==> flow/design.v <==
module adder_blk (ck, rst_i, a_i, b_i, carry_in_i, o_o, co_o);
  parameter integer BITS = 24;
  input ck;
  input rst_i;
  input [BITS-1:0] a_i;
  input [BITS-1:0] b_i;
  input carry_in_i;
  output [BITS-1:0] o_o;
  output co_o;
  reg [BITS-1:0] a_reg;
  reg [BITS-1:0] b_reg;
  reg carry_in_reg;
  wire [BITS-1:0] r;
  wire [BITS:0] cc;
  assign cc[0] = carry_in_reg;
  genvar g;
  generate
    for (g = 0; g < BITS; g = g + 1) begin : gen
      adder_blk_full_adder el (.a(a_reg[g]), .b(b_reg[g]), .ci(cc[g]), .s(r[g]), .co(cc[g+1]));
    end
  endgenerate
  assign o_o = r;
  assign co_o = cc[BITS];
  always @(posedge ck) begin
    if (rst_i) begin
      a_reg <= 0;
      b_reg <= 0;
      carry_in_reg <= 1'b0;
    end else begin
      a_reg <= a_i;
      b_reg <= b_i;
      carry_in_reg <= carry_in_i;
    end
  end
endmodule
module adder_blk_full_adder (
  input wire a,
  input wire b,
  input wire ci,
  output wire s,
  output wire co
);
  wire p = a ^ b;
  assign s = p ^ ci;
  assign co = p ? ci : a;
endmodule
Tool chain data of adder_blk --
The steps from the RTL of adder_blk to its reports follow in flow order. Line numbers count from 1 in the design file above. Cell names lack the library's common part. Not given: --
Inputs: top adder_blk, clock ck, library sky130hd, timing corner tt_025C_1v80

Elaborated design --
Yosys after proc, flatten, opt, wreduce and memory -nomap, before mapping. Enables and synchronous resets that opt folds into registers are not counted as muxes. Memory bits, and registers merged into a memory's read port (data or address), are not among the register bits. Print and check cells are not counted. Equal cells are merged and count once.
Bit counts: elaborated cells 75, register bits after elaboration 49, input port bits 51
Cells by class: bitwise operators 48, mux-type cells 24
Operator list (number):
- 1-bit XOR | 48
- 1-bit 2-to-1 mux | 24

Depth --
Yosys ltp: most cells in a row. Word level: on the elaborated netlist, between registers, memories and ports. Mapped: between sequential cells and ports; inverters and the memories' decode and read muxes count.
Logic depth: depth after elaboration 25, ABC_AREA 1, gate-level depth with buffers 29

Synthesis result --
Yosys stat after the flow's synthesis: flattened, memories mapped to cells. It holds for the ABC_AREA given above (unset counts as 0); a run with the other value may have another netlist. The area totals of this step are shown rounded.
Cell types:
- dfxtp_1 | number 49, total area 980.941 sq um
- inv_1 | number 67, total area 251.491 sq um
- nor2_1 | number 64, total area 240.23 sq um
- nand2_1 | number 52, total area 195.187 sq um
- buf_4 | number 24, total area 180.173 sq um
- xor2_1 | number 20, total area 175.168 sq um
- nand3_2 | number 17, total area 170.163 sq um
- xor2_4 | number 4, total area 110.106 sq um
- nand3_4 | number 3, total area 52.55 sq um
- xnor2_1 | number 5, total area 43.792 sq um
- nand3_1 | number 8, total area 40.038 sq um
- nand2_2 | number 5, total area 31.28 sq um
- clkbuf_1 | number 5, total area 18.768 sq um
- or2_2 | number 3, total area 18.768 sq um
- xor2_2 | number 1, total area 16.266 sq um
- nor2_4 | number 1, total area 11.261 sq um
- a31oi_1 | number 1, total area 6.256 sq um
- nor3_1 | number 1, total area 5.005 sq um
Other cell types: 3; their cells: 3.
Mapped netlist: buffer cells 29, standard cells after synthesis 333, mapped area 2561 sq um, flip-flop cells 49

Path before layout --
Source: OpenSTA report_checks on the synthesized netlist (no wires, ideal clock, input and output delay 20% of the period each), path of least setup slack; recovery checks are left aside. Register names are those of the netlist, which keeps one name where synthesis merged equal registers.
Timing path after synthesis: path type register to output, start point register b_reg[1], end point output port o_o[23], data required time 3.800 ns, arrival time 2.458 ns, clock period 4.75 ns, path slack 1.342 ns, delay of the path 2.458 ns, buffers on the path 1, time at the first pin 0.000 ns, output delay 0.950 ns, stages 29, period reached after synthesis 3.408 ns
"delay of the path" = arrival - input delay + setup time. At an output port there is no setup time. "stages" counts driving pins, that of a launching flip-flop among them; a cell with two outputs on the path counts twice. "period reached after synthesis" = period - worst setup slack (recovery checks aside). The figure is calculated, with input and output delays left at 20% of the set period. Between the ends stands the longest chain of elaborated cells between them, by number of cells; it is not shown to be the way that was timed. Of several equally long chains one is given. A line is the first line of the expression or statement that the cell stems from. Yosys adds cells for indexed reads and writes and turns some case tables into memories.
On the way, after synthesis: path through dfxtp_1 > xor2_1 > nand2_2 > nand3_2 > nand3_2 > nand3_2 > nand3_2 > nand3_2 > nand3_2 > nand3_2 > nand3_2 > nand3_2 > nand3_2 > nand3_2 > nand3_2 > nand3_2 > nand3_2 > nand3_4 > nand3_4 > nand3_4 > nand3_2 > nand3_2 > nand3_2 > nand2_2 > nand2_2 > nand2_2 > nand2_1 > nand2_1 > buf_4, cells in the longest elaborated chain 24
Ends and longest elaborated chain, after synthesis:
- start, declared | line 11 | reg [BITS-1:0] b_reg;
- start, assigned | line 27 | b_reg <= 0;
- start, assigned | line 31 | b_reg <= b_i;
- 1-bit XOR | line 43 | wire p = a ^ b;
- 1-bit 2-to-1 mux x22 | line 45 | assign co = p ? ci : a;
- 1-bit XOR | line 44 | assign s = p ^ ci;
- end, declared | line 8 | output [BITS-1:0] o_o;

Worst path after layout --
Path of least setup slack in the final report of run 1 (OpenROAD, finished layout, wires in). Where an end is a register, its clock arrival counts in the times.
Timing path after layout: path type register to output, start point register b_reg[1], end point output port co_o, data required time 5.45 ns, clock period 6.81 ns, time at the first pin 0.28 ns, stages 29, arrival time 3.38 ns, output delay 1.36 ns, path slack 2.07 ns, buffers on the path 1
Between the ends stands the longest chain of elaborated cells between them, by number of cells; it is not shown to be the way that was timed. Of several equally long chains one is given.
On the way, after layout: path through dfxtp_1 > xor2_1 > nand2_2 > nand3_2 > nand3_2 > nand3_2 > nand3_2 > nand3_2 > nand3_2 > nand3_2 > nand3_2 > nand3_2 > nand3_2 > nand3_2 > nand3_2 > nand3_2 > nand3_2 > nand3_4 > nand3_4 > nand3_4 > nand3_2 > nand3_2 > nand3_2 > nand2_2 > nand2_2 > nand2_2 > nand2_1 > nand2_1 > clkdlybuf4s50_1, cells in the longest elaborated chain 24
Ends and longest elaborated chain, after layout:
- start, declared | line 11 | reg [BITS-1:0] b_reg;
- start, assigned | line 27 | b_reg <= 0;
- start, assigned | line 31 | b_reg <= b_i;
- 1-bit XOR | line 43 | wire p = a ^ b;
- 1-bit 2-to-1 mux x23 | line 45 | assign co = p ? ci : a;
- end, declared | line 9 | output co_o;

Subject: flow runs of adder_blk

Hi,

Top module adder_blk; platform sky130hd; tools Yosys and OpenROAD; 3 stored runs in no particular order. Input and output delays are each 20% of the period that was set; the output load is 0.01 pF.
"overall power": no workload was simulated; the value follows from the tool's default switching activity.
Measured values are rounded.

[run 1] flow files
==> flow/run.sh <==
#!/bin/bash
# the make line also repeats the synthesis and layout settings of config.mk as NAME=value (left out here)
make -C /OpenROAD-flow-scripts/flow DESIGN_CONFIG=/design/flow/config.mk WORK_HOME=/design/flow/orfs CLKGATE_MAP_FILE= finish
==> flow/config.mk <==
export PLATFORM = sky130hd
export DESIGN_NAME = adder_blk
export DESIGN_NICKNAME = adder_blk
export VERILOG_FILES = /design/flow/design.v
export SDC_FILE = /design/flow/constraint.sdc
export NUM_CORES = 4
export LEC_CHECK = 0
export ABC_AREA = 1
export CAP_MARGIN = 20
export CELL_PAD_IN_SITES_DETAIL_PLACEMENT = 0
export CORE_MARGIN = 2
export CORE_UTILIZATION = 19
export GPL_ROUTABILITY_DRIVEN = 1
export MAX_ROUTING_LAYER = met5
export PLACE_DENSITY = 0.7
export SETUP_SLACK_MARGIN = 0.43
export SLEW_MARGIN = 20
==> flow/constraint.sdc <==
create_clock -name core_clock -period 6.81 [get_ports {ck}]
set_input_delay 1.3620 -clock core_clock [delete_from_list [all_inputs] [get_ports {ck}]]
set_output_delay 1.3620 -clock core_clock [all_outputs]
set_load 0.01 [all_outputs]

[run 1] result: Yosys chip area after synthesis 2561 sq um; setup slack of the critical path 2.073 ns; standard-cell area of the final layout 3505 sq um; post-route utilization 26.6%; worst hold slack after layout 1.586 ns; die size 14430 sq um; overall power 0.7860 mW

[run 2] flow files
==> flow/run.sh <==
#!/bin/bash
# the make line also repeats the synthesis and layout settings of config.mk as NAME=value (left out here)
make -C /OpenROAD-flow-scripts/flow DESIGN_CONFIG=/design/flow/config.mk WORK_HOME=/design/flow/orfs CLKGATE_MAP_FILE= finish
==> flow/config.mk <==
export PLATFORM = sky130hd
export DESIGN_NAME = adder_blk
export DESIGN_NICKNAME = adder_blk
export VERILOG_FILES = /design/flow/design.v
export SDC_FILE = /design/flow/constraint.sdc
export NUM_CORES = 4
export LEC_CHECK = 0
export CAP_MARGIN = 20
export CORE_MARGIN = 2
export CORE_UTILIZATION = 40
export SLEW_MARGIN = 20
==> flow/constraint.sdc <==
create_clock -name core_clock -period 4.75 [get_ports {ck}]
set_input_delay 0.9500 -clock core_clock [delete_from_list [all_inputs] [get_ports {ck}]]
set_output_delay 0.9500 -clock core_clock [all_outputs]
set_load 0.01 [all_outputs]

[run 2] result: Yosys chip area after synthesis 2580 sq um; die size 7108 sq um; setup slack of the critical path 0.222 ns; post-route utilization 53.8%; worst hold slack after layout 1.192 ns; overall power 0.9672 mW; standard-cell area of the final layout 3374 sq um

[run 3] flow files
==> flow/run.sh <==
#!/bin/bash
# the make line also repeats the synthesis and layout settings of config.mk as NAME=value (left out here)
make -C /OpenROAD-flow-scripts/flow DESIGN_CONFIG=/design/flow/config.mk WORK_HOME=/design/flow/orfs CLKGATE_MAP_FILE= finish
==> flow/config.mk <==
export PLATFORM = sky130hd
export DESIGN_NAME = adder_blk
export DESIGN_NICKNAME = adder_blk
export VERILOG_FILES = /design/flow/design.v
export SDC_FILE = /design/flow/constraint.sdc
export NUM_CORES = 4
export LEC_CHECK = 0
export CAP_MARGIN = 20
export CELL_PAD_IN_SITES_GLOBAL_PLACEMENT = 3
export CORE_MARGIN = 2
export CORE_UTILIZATION = 56
export SETUP_SLACK_MARGIN = -0.21
export SLEW_MARGIN = 20
export TNS_END_PERCENT = 65
==> flow/constraint.sdc <==
create_clock -name core_clock -period 2.45 [get_ports {ck}]
set_input_delay 0.4900 -clock core_clock [delete_from_list [all_inputs] [get_ports {ck}]]
set_output_delay 0.4900 -clock core_clock [all_outputs]
set_load 0.01 [all_outputs]

[run 3] result: no final report: placement broke off with GPL-0301

Regards
